==> flow/design.v <==
module sync_multiplier_n #(
  parameter BITS = 18
) (
  input ck,
  input step,
  input [BITS-1:0] in_a,
  input [BITS-1:0] in_b,
  output reg [2*BITS-1:0] out_q
);
  reg [BITS-1:0] a_ff;
  reg [BITS-1:0] b_ff;
  always @(posedge ck) begin
    if (step) begin
      a_ff <= in_a;
      b_ff <= in_b;
    end
  end
  wire [2*BITS-1:0] lvl [0:BITS];
  assign lvl[0] = 0;
  genvar k;
  generate
    for (k = 0; k < BITS; k = k + 1) begin : lane
      assign lvl[k+1] = lvl[k] + (b_ff[k] ? {{BITS{1'b0}}, a_ff} << k : {2*BITS{1'b0}});
    end
  endgenerate
  always @(posedge ck) begin
    if (step) begin
      out_q <= lvl[BITS];
    end
  end
endmodule
==> From RTL to reports: sync_multiplier_n <==
What the tools print for sync_multiplier_n, step after step.
Lines are those of the file above, counted from 1.
{ "design": {"top": "sync_multiplier_n", "clk_port": "ck", "lib": "sky130hd", "corner": "tt_025C_1v80"} }

==> Word level <==
Counts by Yosys on the flattened word-level netlist (proc, flatten, opt, wreduce; memories kept). Register bits leave out memories and registers merged into their read ports (data or address); mux counts leave out enables and synchronous resets folded into registers. Print and check cells are left out. Cells with the same type and inputs are merged into one.
{ "op_classes": {"n_addsub": 17, "muxes": 18} }
{ "ops": {"columns": ["op", "count"], "rows": [
  ["35-bit by 35-bit adder with 36-bit output", 1],
  ["34-bit by 34-bit adder with 35-bit output", 1],
  ["35-bit two-way mux", 1],
  ["33-bit by 33-bit adder with 34-bit output", 1],
  ["34-bit two-way mux", 1],
  ["32-bit by 32-bit adder with 33-bit output", 1],
  ["33-bit two-way mux", 1],
  ["31-bit by 31-bit adder with 32-bit output", 1],
  ["32-bit two-way mux", 1],
  ["30-bit by 30-bit adder with 31-bit output", 1],
  ["31-bit two-way mux", 1],
  ["29-bit by 29-bit adder with 30-bit output", 1],
  ["30-bit two-way mux", 1],
  ["28-bit by 28-bit adder with 29-bit output", 1],
  ["29-bit two-way mux", 1],
  ["27-bit by 27-bit adder with 28-bit output", 1],
  ["28-bit two-way mux", 1],
  ["26-bit by 26-bit adder with 27-bit output", 1],
  ["27-bit two-way mux", 1],
  ["25-bit by 25-bit adder with 26-bit output", 1],
  ["26-bit two-way mux", 1],
  ["24-bit by 24-bit adder with 25-bit output", 1],
  ["25-bit two-way mux", 1],
  ["23-bit by 23-bit adder with 24-bit output", 1],
  ["24-bit two-way mux", 1],
  ["22-bit by 22-bit adder with 23-bit output", 1],
  ["23-bit two-way mux", 1],
  ["21-bit by 21-bit adder with 22-bit output", 1]
]} }
Other operator kinds: 7; their cells: 7.
{ "bits": {"out_inout_bits": 36, "wordCells": 38, "inputBits": 38, "register_bits": 72} }

==> Longest topological paths <==
Depth = most cells in a row (Yosys ltp): at word level without a register or memory, in the mapped netlist without a sequential cell, where the memories' decode and read muxes count.
{ "depth": {"depth_word": 18, "ABC_AREA": 0, "mapped_depth": 23, "ltp_nobuf": 21} }

==> Mapped cells and area <==
The flow's flattened synthesis, as Yosys stat reports it; memories are mapped. The netlist is that of the ABC_AREA named above (0 if unset); the other value can give another one.
The area totals of this step are shown rounded.
{ "synth_totals": {"buf_cells": 55, "stdcells": 1242, "seqArea_um2": 2162, "synth_area_um2": 12560, "ff_cells": 72} }
{ "types": {"columns": ["type", "count", "area_total_um2"], "rows": [
  ["sky130_fd_sc_hd__fa_1", 258, 5.16E+03],
  ["sky130_fd_sc_hd__edfxtp_1", 72, 2.16E+03],
  ["sky130_fd_sc_hd__ha_1", 103, 1.29E+03],
  ["sky130_fd_sc_hd__inv_1", 264, 990.95],
  ["sky130_fd_sc_hd__and2_1", 144, 900.864],
  ["sky130_fd_sc_hd__nand2_1", 194, 728.198],
  ["sky130_fd_sc_hd__xnor2_1", 24, 210.202],
  ["sky130_fd_sc_hd__clkbuf_1", 47, 176.419],
  ["sky130_fd_sc_hd__a21oi_1", 23, 115.11],
  ["sky130_fd_sc_hd__a21o_1", 13, 97.594],
  ["sky130_fd_sc_hd__nand3_1", 11, 55.053],
  ["sky130_fd_sc_hd__xor2_1", 6, 52.55],
  ["sky130_fd_sc_hd__o211ai_1", 6, 45.043],
  ["sky130_fd_sc_hd__o21ai_0", 9, 45.043],
  ["sky130_fd_sc_hd__o21ai_2", 5, 43.792],
  ["sky130_fd_sc_hd__nand4_1", 6, 37.536],
  ["sky130_fd_sc_hd__a211o_1", 4, 35.034],
  ["sky130_fd_sc_hd__a21oi_2", 4, 35.034]
]} }
Other cell types: 29; their cells: 49.

==> Worst setup path after synthesis <==
Source: OpenSTA report_checks on the synthesized netlist (no wires, ideal clock, input and output delay 20% of the period each), path of least setup slack; recovery checks are left aside. Register names are those of the netlist, which keeps one name where synthesis merged equal registers.
{ "synth_path": {"path_type": "flip-flop to flip-flop", "from": "register b_ff[10]", "to": "register out_q[33]", "arrival_ns": 5.590, "n_path_buf": 3, "t_first_pin_ns": 0.000, "setup_slack_ns": 1.460, "setup_time_ns": 0.260, "stages": 23, "clock_period_ns": 7.31, "delay_ns": 5.850, "t_required_ns": 7.050, "synth_period_reached_ns": 5.85} }
"delay_ns" is the arrival time less input delay plus setup time.
"stages" counts driving pins, that of a launching flip-flop among them; a cell with two outputs on the path counts twice.
"synth_period_reached_ns" is the clock period less the worst setup slack; recovery checks do not enter. This is arithmetic on one report: input and output delays are still those of the set period (20% each).
Between the ends stands the longest chain of elaborated cells between them, by number of cells; it is not shown to be the way that was timed. Of several equally long chains one is given.
Each line given opens the expression or statement behind the cell; cells for indexed reads and writes are added by Yosys, which also makes memories of some case tables.
{ "synth_via": {"cell_sequence": "sky130_fd_sc_hd__edfxtp_1 sky130_fd_sc_hd__clkbuf_1 sky130_fd_sc_hd__clkbuf_1 sky130_fd_sc_hd__nand2_1 sky130_fd_sc_hd__fa_1 sky130_fd_sc_hd__inv_1 sky130_fd_sc_hd__fa_1 sky130_fd_sc_hd__inv_1 sky130_fd_sc_hd__fa_1 sky130_fd_sc_hd__inv_1 sky130_fd_sc_hd__fa_1 sky130_fd_sc_hd__fa_1 sky130_fd_sc_hd__inv_1 sky130_fd_sc_hd__fa_1 sky130_fd_sc_hd__inv_1 sky130_fd_sc_hd__ha_1 sky130_fd_sc_hd__clkbuf_2 sky130_fd_sc_hd__a21oi_1 sky130_fd_sc_hd__a31oi_2 sky130_fd_sc_hd__or3b_4 sky130_fd_sc_hd__a21oi_4 sky130_fd_sc_hd__o21ai_2 sky130_fd_sc_hd__xor2_1", "elab_chain_len": 9, "cone_cells": 9, "cone_lines": 1, "cone_classes": "add/sub: 8; mux: 1"} }
{ "synth_rtl": {"columns": ["item", "line_no", "source"], "rows": [
  ["start: declaration", 11, "reg [BITS-1:0] b_ff;"],
  ["start: assignment", 15, "b_ff <= in_b;"],
  ["28-bit two-way mux", 23, "assign lvl[k+1] = lvl[k] + (b_ff[k] ? {{BITS{1'b0}}, a_ff} << k : {2*BITS{1'b0}});"],
  ["28-bit by 28-bit adder with 29-bit output", 23, null],
  ["29-bit by 29-bit adder with 30-bit output", 23, null],
  ["30-bit by 30-bit adder with 31-bit output", 23, null],
  ["31-bit by 31-bit adder with 32-bit output", 23, null],
  ["32-bit by 32-bit adder with 33-bit output", 23, null],
  ["33-bit by 33-bit adder with 34-bit output", 23, null],
  ["34-bit by 34-bit adder with 35-bit output", 23, null],
  ["35-bit by 35-bit adder with 36-bit output", 23, null],
  ["end: assignment", 28, "out_q <= lvl[BITS];"],
  ["end: declaration", 8, "output reg [2*BITS-1:0] out_q"]
]} }

==> Timing after layout <==
From the final timing report of stored run 1: the path of least setup slack in the routed layout; clock arrival at registers is part of the times.
{ "layout_path": {"path_type": "flip-flop to flip-flop", "from": "register a_ff[7]", "to": "register out_q[33]", "setup_slack_ns": 3.41, "t_first_pin_ns": 0.34, "stages": 23, "setup_time_ns": 0.25, "t_required_ns": 10.50, "arrival_ns": 7.09, "n_path_buf": 2, "clock_period_ns": 10.4} }
Between the ends stands the longest chain of elaborated cells between them, by number of cells; it is not shown to be the way that was timed. Of several equally long chains one is given.
{ "layout_via": {"cell_sequence": "sky130_fd_sc_hd__edfxtp_1 sky130_fd_sc_hd__clkbuf_1 sky130_fd_sc_hd__clkbuf_1 sky130_fd_sc_hd__nand2_1 sky130_fd_sc_hd__fa_1 sky130_fd_sc_hd__inv_1 sky130_fd_sc_hd__fa_1 sky130_fd_sc_hd__inv_1 sky130_fd_sc_hd__fa_1 sky130_fd_sc_hd__inv_1 sky130_fd_sc_hd__fa_1 sky130_fd_sc_hd__fa_1 sky130_fd_sc_hd__inv_1 sky130_fd_sc_hd__fa_1 sky130_fd_sc_hd__inv_1 sky130_fd_sc_hd__ha_1 sky130_fd_sc_hd__nand2_1 sky130_fd_sc_hd__nor3_1 sky130_fd_sc_hd__o21ai_1 sky130_fd_sc_hd__or3b_4 sky130_fd_sc_hd__a21oi_4 sky130_fd_sc_hd__o21ai_2 sky130_fd_sc_hd__xor2_1", "elab_chain_len": 18, "cone_cells": 35, "cone_lines": 1, "cone_classes": "add/sub: 17; mux: 18"} }
{ "layout_rtl": {"columns": ["item", "line_no", "source"], "rows": [
  ["start: declaration", 10, "reg [BITS-1:0] a_ff;"],
  ["start: assignment", 14, "a_ff <= in_a;"],
  ["18-bit two-way mux", 23, "assign lvl[k+1] = lvl[k] + (b_ff[k] ? {{BITS{1'b0}}, a_ff} << k : {2*BITS{1'b0}});"],
  ["18-bit by 19-bit adder with 20-bit output", 23, null],
  ["20-bit by 20-bit adder with 21-bit output", 23, null],
  ["21-bit by 21-bit adder with 22-bit output", 23, null],
  ["22-bit by 22-bit adder with 23-bit output", 23, null],
  ["23-bit by 23-bit adder with 24-bit output", 23, null],
  ["24-bit by 24-bit adder with 25-bit output", 23, null],
  ["(+4 left out)", null, null],
  ["29-bit by 29-bit adder with 30-bit output", 23, null],
  ["30-bit by 30-bit adder with 31-bit output", 23, null],
  ["31-bit by 31-bit adder with 32-bit output", 23, null],
  ["32-bit by 32-bit adder with 33-bit output", 23, null],
  ["33-bit by 33-bit adder with 34-bit output", 23, null],
  ["34-bit by 34-bit adder with 35-bit output", 23, null],
  ["35-bit by 35-bit adder with 36-bit output", 23, null],
  ["end: assignment", 28, "out_q <= lvl[BITS];"],
  ["end: declaration", 8, "output reg [2*BITS-1:0] out_q"]
]} }

Design sync_multiplier_n on sky130hd. What follows are 3 stored runs of the flow, each under its own settings; their order means nothing. The constraints put input and output delay at 20% of the set period each and load the outputs with 0.01 pF.
"worst_path_allowed_less_slack_ns": the worst setup path's part of the clock period (all of it between registers, 20% less for each end at a port) less its slack. A launch clock that arrives late makes it longer, a capture clock that arrives late makes it shorter.
Results are given in rounded form.

Stored run 1
==> flow/run.sh <==
#!/bin/bash
# the make line also repeats the synthesis and layout settings of config.mk as NAME=value (left out here)
make -C /OpenROAD-flow-scripts/flow DESIGN_CONFIG=/design/flow/config.mk WORK_HOME=/design/flow/orfs CLKGATE_MAP_FILE= finish
==> flow/config.mk <==
export PLATFORM = sky130hd
export DESIGN_NAME = sync_multiplier_n
export DESIGN_NICKNAME = sync_multiplier_n
export VERILOG_FILES = /design/flow/design.v
export SDC_FILE = /design/flow/constraint.sdc
export NUM_CORES = 4
export LEC_CHECK = 0
export CAP_MARGIN = 20
export CORE_MARGIN = 5
export CORE_UTILIZATION = 44
export GPL_TIMING_DRIVEN = 0
export PLACE_DENSITY_LB_ADDON = 0.08
export SLEW_MARGIN = 35
export TNS_END_PERCENT = 5
==> flow/constraint.sdc <==
create_clock -name core_clock -period 10.4 [get_ports {ck}]
set_input_delay 2.0800 -clock core_clock [delete_from_list [all_inputs] [get_ports {ck}]]
set_output_delay 2.0800 -clock core_clock [all_outputs]
set_load 0.01 [all_outputs]

==> results of stored run 1, as JSON <==
{
  "total_die_area_um2": 32020,
  "final_util_frac": 0.504,
  "worst_path_allowed_less_slack_ns": 6.99,
  "worst_path_kind": "flip-flop to flip-flop",
  "ys_area_um2": 12560,
  "worst_hold_slack_ns": 0.763,
  "final_setup_ws_ns": 3.409
}

Stored run 2
==> flow/run.sh <==
#!/bin/bash
# the make line also repeats the synthesis and layout settings of config.mk as NAME=value (left out here)
make -C /OpenROAD-flow-scripts/flow DESIGN_CONFIG=/design/flow/config.mk WORK_HOME=/design/flow/orfs CLKGATE_MAP_FILE= finish
==> flow/config.mk <==
export PLATFORM = sky130hd
export DESIGN_NAME = sync_multiplier_n
export DESIGN_NICKNAME = sync_multiplier_n
export VERILOG_FILES = /design/flow/design.v
export SDC_FILE = /design/flow/constraint.sdc
export NUM_CORES = 4
export LEC_CHECK = 0
export CAP_MARGIN = 20
export CORE_MARGIN = 2
export CORE_UTILIZATION = 40
export SLEW_MARGIN = 20
==> flow/constraint.sdc <==
create_clock -name core_clock -period 7.31 [get_ports {ck}]
set_input_delay 1.4620 -clock core_clock [delete_from_list [all_inputs] [get_ports {ck}]]
set_output_delay 1.4620 -clock core_clock [all_outputs]
set_load 0.01 [all_outputs]

==> results of stored run 2, as JSON <==
{
  "final_setup_ws_ns": 0.983,
  "total_die_area_um2": 32830,
  "worst_path_allowed_less_slack_ns": 6.33,
  "worst_path_kind": "flip-flop to flip-flop",
  "final_util_frac": 0.451,
  "ys_area_um2": 12560,
  "worst_hold_slack_ns": 1.126
}

Stored run 3
==> flow/run.sh <==
#!/bin/bash
# the make line also repeats the synthesis and layout settings of config.mk as NAME=value (left out here)
make -C /OpenROAD-flow-scripts/flow DESIGN_CONFIG=/design/flow/config.mk WORK_HOME=/design/flow/orfs CLKGATE_MAP_FILE= finish
==> flow/config.mk <==
export PLATFORM = sky130hd
export DESIGN_NAME = sync_multiplier_n
export DESIGN_NICKNAME = sync_multiplier_n
export VERILOG_FILES = /design/flow/design.v
export SDC_FILE = /design/flow/constraint.sdc
export NUM_CORES = 4
export LEC_CHECK = 0
export CAP_MARGIN = 30
export CELL_PAD_IN_SITES_GLOBAL_PLACEMENT = 1
export CORE_MARGIN = 2
export CORE_UTILIZATION = 29
export CTS_CLUSTER_DIAMETER = 205
export CTS_CLUSTER_SIZE = 80
export PLACE_DENSITY = 0.94
export SETUP_SLACK_MARGIN = 0.26
export SLEW_MARGIN = 20
export TNS_END_PERCENT = 40
==> flow/constraint.sdc <==
create_clock -name core_clock -period 7.13 [get_ports {ck}]
set_input_delay 1.4260 -clock core_clock [delete_from_list [all_inputs] [get_ports {ck}]]
set_output_delay 1.4260 -clock core_clock [all_outputs]
set_load 0.01 [all_outputs]

==> results of stored run 3, as JSON <==
{
  "ys_area_um2": 12560,
  "worst_path_allowed_less_slack_ns": 6.38,
  "worst_path_kind": "flip-flop to flip-flop",
  "total_die_area_um2": 44990,
  "final_util_frac": 0.329,
  "final_setup_ws_ns": 0.754,
  "worst_hold_slack_ns": 1.113
}
